==> flow/design.v <==
module cpu_add_unit_top #(
   parameter int DWIDTH = 80
) (
   input  logic i_clk,
   input  logic [DWIDTH-1:0] da_i,
   input  logic [DWIDTH-1:0] db_i,
   output logic [DWIDTH:0] out_o
);
   logic [DWIDTH-1:0] da_q;
   logic [DWIDTH-1:0] db_q;
   always_ff @(posedge i_clk) begin
      da_q <= da_i;
      db_q <= db_i;
   end
   localparam int HALF = DWIDTH / 2;
   logic [HALF:0] lo_q;
   logic [DWIDTH-HALF-1:0] da_hi_q;
   logic [DWIDTH-HALF-1:0] db_hi_q;
   always_ff @(posedge i_clk) begin
      lo_q <= da_q[HALF-1:0] + db_q[HALF-1:0];
      da_hi_q <= da_q[DWIDTH-1:HALF];
      db_hi_q <= db_q[DWIDTH-1:HALF];
   end
   logic [DWIDTH-HALF:0] h;
   assign h = da_hi_q + db_hi_q + lo_q[HALF];
   always_ff @(posedge i_clk)
      out_o <= {h, lo_q[HALF-1:0]};
endmodule
# From RTL to reports: cpu_add_unit_top
# Tool output for the design above, in the order of the flow.
# Line numbers count from 1 in the design file above.
# Operators: Yosys type, input widths -> output width; for muxes data width and select width s.
# Cell names lack the library's common part.
setup:
  top: "cpu_add_unit_top"
  clock: "i_clk"
  lib: "sky130hd"
  corner: "tt_025C_1v80"

# Word level
# Yosys after proc, flatten, opt, wreduce and memory -nomap, before mapping. Enables and synchronous resets that opt folds into registers are not counted as muxes. Memory bits, and registers merged into a memory's read port (data or address), are not among the register bits. Print and check cells are not counted. Equal cells are merged and count once.
word_totals:
  romBits: 0
  input_bits: 161
  ramBits: 0
  mem_count: 0
  elab_cells: 9
  output_inout_bits: 81
  clocked_rd_ports_x_width: 0
  latch_bits: 0
  register_bits: 362
op_classes:
  multipliers: 0
  reduce_logical: 0
  n_eq: 0
  n_addsub: 3
  muxes: 0
  n_div: 0
  cmp: 0
  shifts: 0
  bitwise: 0
op_table:
  columns: ["operator", "count"]
  rows:
  - ["$add 40x40->41", 2]
  - ["$add 41x1->41", 1]

# Longest topological paths
# Longest topological path by Yosys (ltp), each cell counted once; first at word level (registers and memories cut), then after technology mapping (sequential cells cut; the memories' decode and read muxes count).
logic_depth:
  word_depth: 2
  ABC_AREA: 0
  mapped_depth: 10
  mapped_depth_nobuf: 10

# Mapped cells and area
# The flow's flattened synthesis, as Yosys stat reports it; memories are mapped. The netlist is that of the ABC_AREA named above (0 if unset); the other value can give another one.
# Totals and module areas in this step are rounded.
types:
  columns: ["type", "count", "type_area_um2"]
  rows:
  - ["dfxtp_1", 362, 7246.95]
  - ["ha_1", 79, 988.448]
  - ["a21o_1", 71, 533.011]
  - ["a21oi_1", 72, 360.346]
  - ["xnor2_1", 39, 341.578]
  - ["xor2_1", 26, 227.718]
  - ["nand2_1", 47, 176.419]
  - ["nor2_1", 43, 161.405]
  - ["o21ai_0", 32, 160.154]
  - ["nand4_1", 20, 125.12]
  - ["clkbuf_1", 31, 116.362]
  - ["a211oi_1", 11, 82.579]
  - ["o21a_1", 9, 67.565]
  - ["fa_1", 3, 60.058]
  - ["and2_1", 9, 56.304]
  - ["nand3_1", 11, 55.053]
  - ["nor3_1", 10, 50.048]
  - ["o21bai_1", 6, 45.043]
# Not listed: further types 52, cells in them 110.
synth_totals:
  flip_flops: 362
  stdcells: 991
  seq_area_um2: 7250
  buffers: 33
  mapped_area_um2: 11800

# Path before layout
# Source: OpenSTA report_checks on the synthesized netlist (no wires, ideal clock, input and output delay 20% of the period each), path of least setup slack; recovery checks are left aside. Register names are those of the netlist, which keeps one name where synthesis merged equal registers.
synth_timing:
  path_type: "reg2reg"
  startpoint: "reg lo_q[40]"
  endpoint: "reg out_o[78]"
  slack_ns: 0.734
  delay_ns: 2.946
  arrival_ns: 2.830
  required_time_ns: 3.564
  tclk_ns: 3.68
  launch_ns: 0.000
  setup_time_ns: 0.116
  driving_pins: 11
  n_path_buf: 0
  synth_period_reached_ns: 2.946
# "delay_ns" is the arrival time less input delay plus setup time.
# "driving_pins" counts driving pins, that of a launching flip-flop among them; a cell with two outputs on the path counts twice.
# "synth_period_reached_ns" = period - worst setup slack (recovery checks aside). The figure is calculated, with input and output delays left at 20% of the set period.
# Between the ends stands the longest chain of elaborated cells between them, by number of cells; it is not shown to be the way that was timed. Of several equally long chains one is given.
# A line is the first line of the expression or statement that the cell stems from. Yosys adds cells for indexed reads and writes and turns some case tables into memories.
synth_between:
  cell_sequence: "dfxtp_1 -> fa_1 -> fa_1 -> a211o_1 -> a211o_1 -> a31oi_4 -> a21boi_2 -> o31a_1 -> o2111ai_2 -> mux2i_1 -> nor2_1"
  elab_chain_len: 1
  cells_between: 1
  lines_between: 1
  cone_classes: "1 x add/sub"
synth_lines:
  columns: ["element", "line", "source"]
  rows:
  - ["start, declared", 16, "logic [HALF:0] lo_q;"]
  - ["start, assigned", 20, "lo_q <= da_q[HALF-1:0] + db_q[HALF-1:0];"]
  - ["$add 41x1->41", 25, "assign h = da_hi_q + db_hi_q + lo_q[HALF];"]
  - ["end, assigned", 27, "out_o <= {h, lo_q[HALF-1:0]};"]
  - ["end, declared", 7, "output logic [DWIDTH:0] out_o"]

# Timing after layout
# From the final timing report of run 1: the path of least setup slack in the routed layout; clock arrival at registers is part of the times.
layout_timing:
  path_type: "reg2reg"
  startpoint: "reg lo_q[40]"
  endpoint: "reg out_o[78]"
  n_path_buf: 0
  tclk_ns: 3.68
  setup_time_ns: 0.11
  slack_ns: 0.43
  arrival_ns: 3.66
  launch_ns: 0.51
  driving_pins: 11
  required_time_ns: 4.08
# Between the ends stands the longest chain of elaborated cells between them, by number of cells; it is not shown to be the way that was timed. Of several equally long chains one is given.
layout_between:
  cell_sequence: "dfxtp_1 -> fa_1 -> fa_1 -> a211o_1 -> a211o_1 -> a31oi_4 -> a21boi_2 -> o31a_1 -> o2111ai_2 -> mux2i_1 -> nor2_1"
  elab_chain_len: 1
  cells_between: 1
  lines_between: 1
  cone_classes: "1 x add/sub"
layout_lines:
  columns: ["element", "line", "source"]
  rows:
  - ["start, declared", 16, "logic [HALF:0] lo_q;"]
  - ["start, assigned", 20, "lo_q <= da_q[HALF-1:0] + db_q[HALF-1:0];"]
  - ["$add 41x1->41", 25, "assign h = da_hi_q + db_hi_q + lo_q[HALF];"]
  - ["end, assigned", 27, "out_o <= {h, lo_q[HALF-1:0]};"]
  - ["end, declared", 7, "output logic [DWIDTH:0] out_o"]

# Below are 3 stored runs of the flow (Yosys, OpenROAD; platform sky130hd) on cpu_add_unit_top, each with its settings and what was measured, unordered. Constraints: input delay and output delay 20% of the set period each, output load 0.01 pF.
# "period_reached_ns" is the run's clock period less its worst setup slack. It is reckoned from that one timing run; input and output delays stay at 20% of the period that was set.
# "worst_path_allowed_less_slack_ns": the worst setup path's part of the clock period (all of it between registers, 20% less for each end at a port) less its slack. A launch clock that arrives late makes it longer, a capture clock that arrives late makes it shorter.
# "final_power_uw" rests on the timing tool's default activity at the inputs, not on a simulated workload.
# The measured numbers are rounded.
runs:
  - name: "run 1"
    settings:
      period_ns: 3.68
      CAP_MARGIN: 20
      CORE_MARGIN: 2
      CORE_UTILIZATION: 40
      SLEW_MARGIN: 20
    results:
      synth_area_um2: 11800
      dieArea_um2: 30800
      finish.stdcell_area_um2: 15800
      layout_utilization_pct: 54.9
      setup_ws_ns: 0.428
      final_setup_tns_ns: 0.000
      ws_hold_ns: 0.315
      final_power_uw: 9830
      period_reached_ns: 3.252
      worst_path_allowed_less_slack_ns: 3.25
      critical_path_kind: "reg2reg"
  - name: "run 2"
    settings:
      period_ns: 1.79
      CORE_UTILIZATION: 21
      SETUP_SLACK_MARGIN: 0.32
      PLACE_DENSITY: 0.63
      CORE_ASPECT_RATIO: 1.31
      TNS_END_PERCENT: 35
      CTS_CLUSTER_SIZE: 36
      CTS_CLUSTER_DIAMETER: 366
      CAP_MARGIN: 20
      CORE_MARGIN: 2
      SLEW_MARGIN: 20
    results:
      synth_area_um2: 11800
      dieArea_um2: 58000
      finish.stdcell_area_um2: 17700
      layout_utilization_pct: 31.8
      setup_ws_ns: -1.14
      final_setup_tns_ns: -44.2
      ws_hold_ns: 0.221
      final_power_uw: 17200
      period_reached_ns: 2.926
      worst_path_allowed_less_slack_ns: 2.93
      critical_path_kind: "reg2reg"
  - name: "run 3"
    settings:
      period_ns: 3.95
      CORE_UTILIZATION: 35
      SETUP_SLACK_MARGIN: 0.6
      PLACE_DENSITY_LB_ADDON: 0.25
      CORE_ASPECT_RATIO: 0.51
      CELL_PAD_IN_SITES_GLOBAL_PLACEMENT: 1
      CTS_CLUSTER_SIZE: 53
      CTS_CLUSTER_DIAMETER: 210
      CAP_MARGIN: 0
      SLEW_MARGIN: 10
      MAX_ROUTING_LAYER: "met4"
      CORE_MARGIN: 2
    results:
      synth_area_um2: 11800
      dieArea_um2: 35200
      finish.stdcell_area_um2: 14900
      layout_utilization_pct: 45.5
      setup_ws_ns: 0.714
      final_setup_tns_ns: 0.000
      ws_hold_ns: 0.336
      final_power_uw: 7130
      period_reached_ns: 3.236
      worst_path_allowed_less_slack_ns: 3.24
      critical_path_kind: "reg2reg"
